==> flow/design.v <==
module alu_mux_mod #(
  parameter XLEN = 4,
  parameter N = 48,
  parameter LG = $clog2(N)
) (
  input wire i_clk,
  input wire aresetn,
  input wire adv,
  input wire [N*XLEN-1:0] din,
  input wire [LG-1:0] sel,
  output reg [XLEN-1:0] result
);
  reg [N*XLEN-1:0] din_r;
  reg [LG-1:0] sel_r;
  wire [XLEN-1:0] opt [0:N-1];
  genvar gi;
  generate
    for (gi = 0; gi < N; gi = gi + 1) begin : gen
      assign opt[gi] = din_r[gi*XLEN +: XLEN];
    end
  endgenerate
  always @(posedge i_clk or negedge aresetn) begin
    if (!aresetn) begin
      din_r <= 0;
      sel_r <= 0;
      result <= 0;
    end else if (adv) begin
      din_r <= din;
      sel_r <= sel;
      result <= opt[sel_r];
    end
  end
endmodule
Tool chain data of alu_mux_mod --
What the tools print for alu_mux_mod, step after step. Line numbers count from 1 in the design file above. Cell names lack the library's common part. The mark -- stands for no value.
Design: top module alu_mux_mod, clock input i_clk, standard-cell library sky130hd, corner tt_025C_1v80

After elaboration --
Counts by Yosys on the flattened word-level netlist (proc, flatten, opt, wreduce). Print and check cells are left out. Cells with the same type and inputs are merged into one.
Bit counts: flip-flop bits (word level) 202, bits of input ports 201, output and inout bits 4, elaborated cells 52
Operators by class: eq/ne operators 47, multiplexer cells 1, reduce/logical cells 1
Operators by type and width (number):
- 4-bit parallel mux with 48-bit select | 1
- 6-bit by 5-bit == test with 1-bit output (second input constant) | 16
- 6-bit == test (second input constant) | 16
- 6-bit by 4-bit == test with 1-bit output (second input constant) | 8
- 6-bit by 3-bit == test with 1-bit output (second input constant) | 4
- 6-bit by 2-bit == test with 1-bit output (second input constant) | 2
- 6-bit by 1-bit == test with 1-bit output (second input constant) | 1
- 6-bit zero test | 1

Longest topological paths --
Longest topological path by Yosys (ltp), each cell counted once; first at word level (registers and memories cut), then after technology mapping (sequential cells cut; the memories' decode and read muxes count).
Logic depth: word-level depth 2, ABC_AREA 0, mapped depth 9, gate-level depth less buffers 6

Mapped cells and area --
Source: synth_stat.txt of the flow (Yosys; design flattened, memories mapped). It holds for the ABC_AREA given above (unset counts as 0); a run with the other value may have another netlist. The area totals of this step are shown rounded.
Synthesis totals: cells in the netlist 740, cell area after synthesis 9493 um^2, area of sequential cells 5055 um^2, flip-flop cells 202, buffers 59
Cells by type:
- dfrtp_1 | number 202, total area 5.05E+03 um^2
- mux2_2 | number 212, total area 2387.29 um^2
- nand3_1 | number 34, total area 170.163 um^2
- mux2i_1 | number 14, total area 140.134 um^2
- buf_2 | number 22, total area 110.106 um^2
- clkbuf_1 | number 29, total area 108.854 um^2
- a31oi_1 | number 17, total area 106.352 um^2
- a22oi_1 | number 14, total area 105.101 um^2
- a22o_1 | number 10, total area 87.584 um^2
- o21ai_0 | number 17, total area 85.082 um^2
- a32oi_1 | number 9, total area 78.826 um^2
- nor2b_1 | number 12, total area 75.072 um^2
- nand2_1 | number 17, total area 63.811 um^2
- nand4_1 | number 9, total area 56.304 um^2
- a21oi_1 | number 11, total area 55.053 um^2
- and3_1 | number 8, total area 50.048 um^2
- nand2b_1 | number 8, total area 50.048 um^2
- nor4_1 | number 8, total area 50.048 um^2
Other cell types: 36; their cells: 87.

Worst setup path after synthesis --
OpenSTA on the mapped netlist: ideal clock, no wires. The path of least setup slack (recovery checks aside). Input and output delay are each 20% of the period. Register names are those of the netlist, which keeps one name where synthesis merged equal registers.
Timing path after synthesis: path type flip-flop to flip-flop, start point register sel_r[1], end point register result[1], period 2180 ps, library setup time 131 ps, time at the first pin 0 ps, arrival 1615 ps, data required time 2049 ps, setup slack 433 ps, path delay 1746 ps, stages on the path 8, buffers on the path 1, period reached after synthesis 1747 ps
"path delay" is the arrival time less input delay plus setup time. "stages on the path": output pins that drive a net of the path, with the launching flip-flop's if there is one; two outputs of one cell count as two. "period reached after synthesis" = period - worst setup slack (recovery checks aside). The figure is calculated, with input and output delays left at 20% of the set period. The rows between start and end are the longest chain of elaborated cells between them; the timing report does not say that the signal goes this way. Where chains are equally long, one stands for them. Each line given opens the expression or statement behind the cell; cells for indexed reads and writes are added by Yosys, which also makes memories of some case tables.
On the way, after synthesis: path through dfrtp_1 buf_4 and2b_1 a32o_1 a22oi_1 a221oi_1 nor4_1 a21oi_1, cells in the longest elaborated chain 2, elaborated cells between the ends (all ways) 49, RTL lines with such cells 1, those cells by class eq/ne: 47; mux: 1; reduce/logical: 1
RTL lines, path after synthesis:
- start: declaration | line 14 | reg [LG-1:0] sel_r;
- start: assignment | line 25 | sel_r <= 0;
- start: assignment | line 29 | sel_r <= sel;
- 6-bit == test | line 30 | result <= opt[sel_r];
- 4-bit parallel mux with 48-bit select | line 30
- end: assignment | line 26 | result <= 0;
- end: assignment | line 30
- end: declaration | line 11 | output reg [XLEN-1:0] result

Path in the finished layout --
From the final timing report of run 1: the path of least setup slack in the routed layout; clock arrival at registers is part of the times. The report prints the path's times to 10 ps; the period is as set.
Timing path post-layout: path type flip-flop to flip-flop, start point register sel_r[2], end point register result[1], period 1260 ps, library setup time 50 ps, time at the first pin 500 ps, arrival 2460 ps, data required time 1700 ps, setup slack -750 ps, stages on the path 10, buffers on the path 3
The rows between start and end are the longest chain of elaborated cells between them; the timing report does not say that the signal goes this way. Where chains are equally long, one stands for them.
On the way, post-layout: path through dfrtp_2 buf_4 buf_4 nand2b_1 nor3_2 a2111oi_4 a221oi_2 nor4_1 buf_4 a21oi_2, cells in the longest elaborated chain 2, elaborated cells between the ends (all ways) 49, RTL lines with such cells 1, those cells by class eq/ne: 47; mux: 1; reduce/logical: 1
RTL lines, path post-layout:
- start: declaration | line 14 | reg [LG-1:0] sel_r;
- start: assignment | line 25 | sel_r <= 0;
- start: assignment | line 29 | sel_r <= sel;
- 6-bit == test | line 30 | result <= opt[sel_r];
- 4-bit parallel mux with 48-bit select | line 30
- end: assignment | line 26 | result <= 0;
- end: assignment | line 30
- end: declaration | line 11 | output reg [XLEN-1:0] result

Appendix: measured runs

Measured results for alu_mux_mod: 2 stored runs of the Yosys and OpenROAD flow on sky130hd. The settings differ; the order carries no meaning. The constraints put input and output delay at 20% of the set period each and load the outputs with 0.01 pF.
"worst setup path time" = time allowed to the worst setup path (clock period - input delay - output delay, where it has them) - its slack; a late launch clock adds to it, a late capture clock takes from it.
"power" rests on the timing tool's default activity at the inputs, not on a simulated workload.
"worst setup path time" is known to 10 ps.
The measured numbers are rounded.
[run 1] settings: period_ns=1.26, CORE_UTILIZATION=33, PLACE_DENSITY_LB_ADDON=0.29, CELL_PAD_IN_SITES_DETAIL_PLACEMENT=0, TNS_END_PERCENT=40, ABC_AREA=0, GPL_ROUTABILITY_DRIVEN=0, CTS_CLUSTER_SIZE=84, CTS_CLUSTER_DIAMETER=114, CAP_MARGIN=20, MAX_ROUTING_LAYER=met5, CORE_MARGIN=2, SLEW_MARGIN=20
[run 1] result: chip area after synthesis (Yosys) 9493 um^2, die area 30140 um^2, standard-cell area of the final layout 13480 um^2, utilization 47.2%, worst setup slack after layout -754 ps, total negative slack -3210 ps, power 0.0145 W, worst setup path time 2010 ps, worst setup path kind flip-flop to flip-flop
[run 2] settings: period_ns=2.18, CAP_MARGIN=20, CORE_MARGIN=2, CORE_UTILIZATION=40, SLEW_MARGIN=20
[run 2] result: chip area after synthesis (Yosys) 9493 um^2, die area 24980 um^2, standard-cell area of the final layout 13020 um^2, utilization 55.6%, worst setup slack after layout 58 ps, total negative slack 0 ps, power 0.0101 W, worst setup path time 2120 ps, worst setup path kind flip-flop to flip-flop
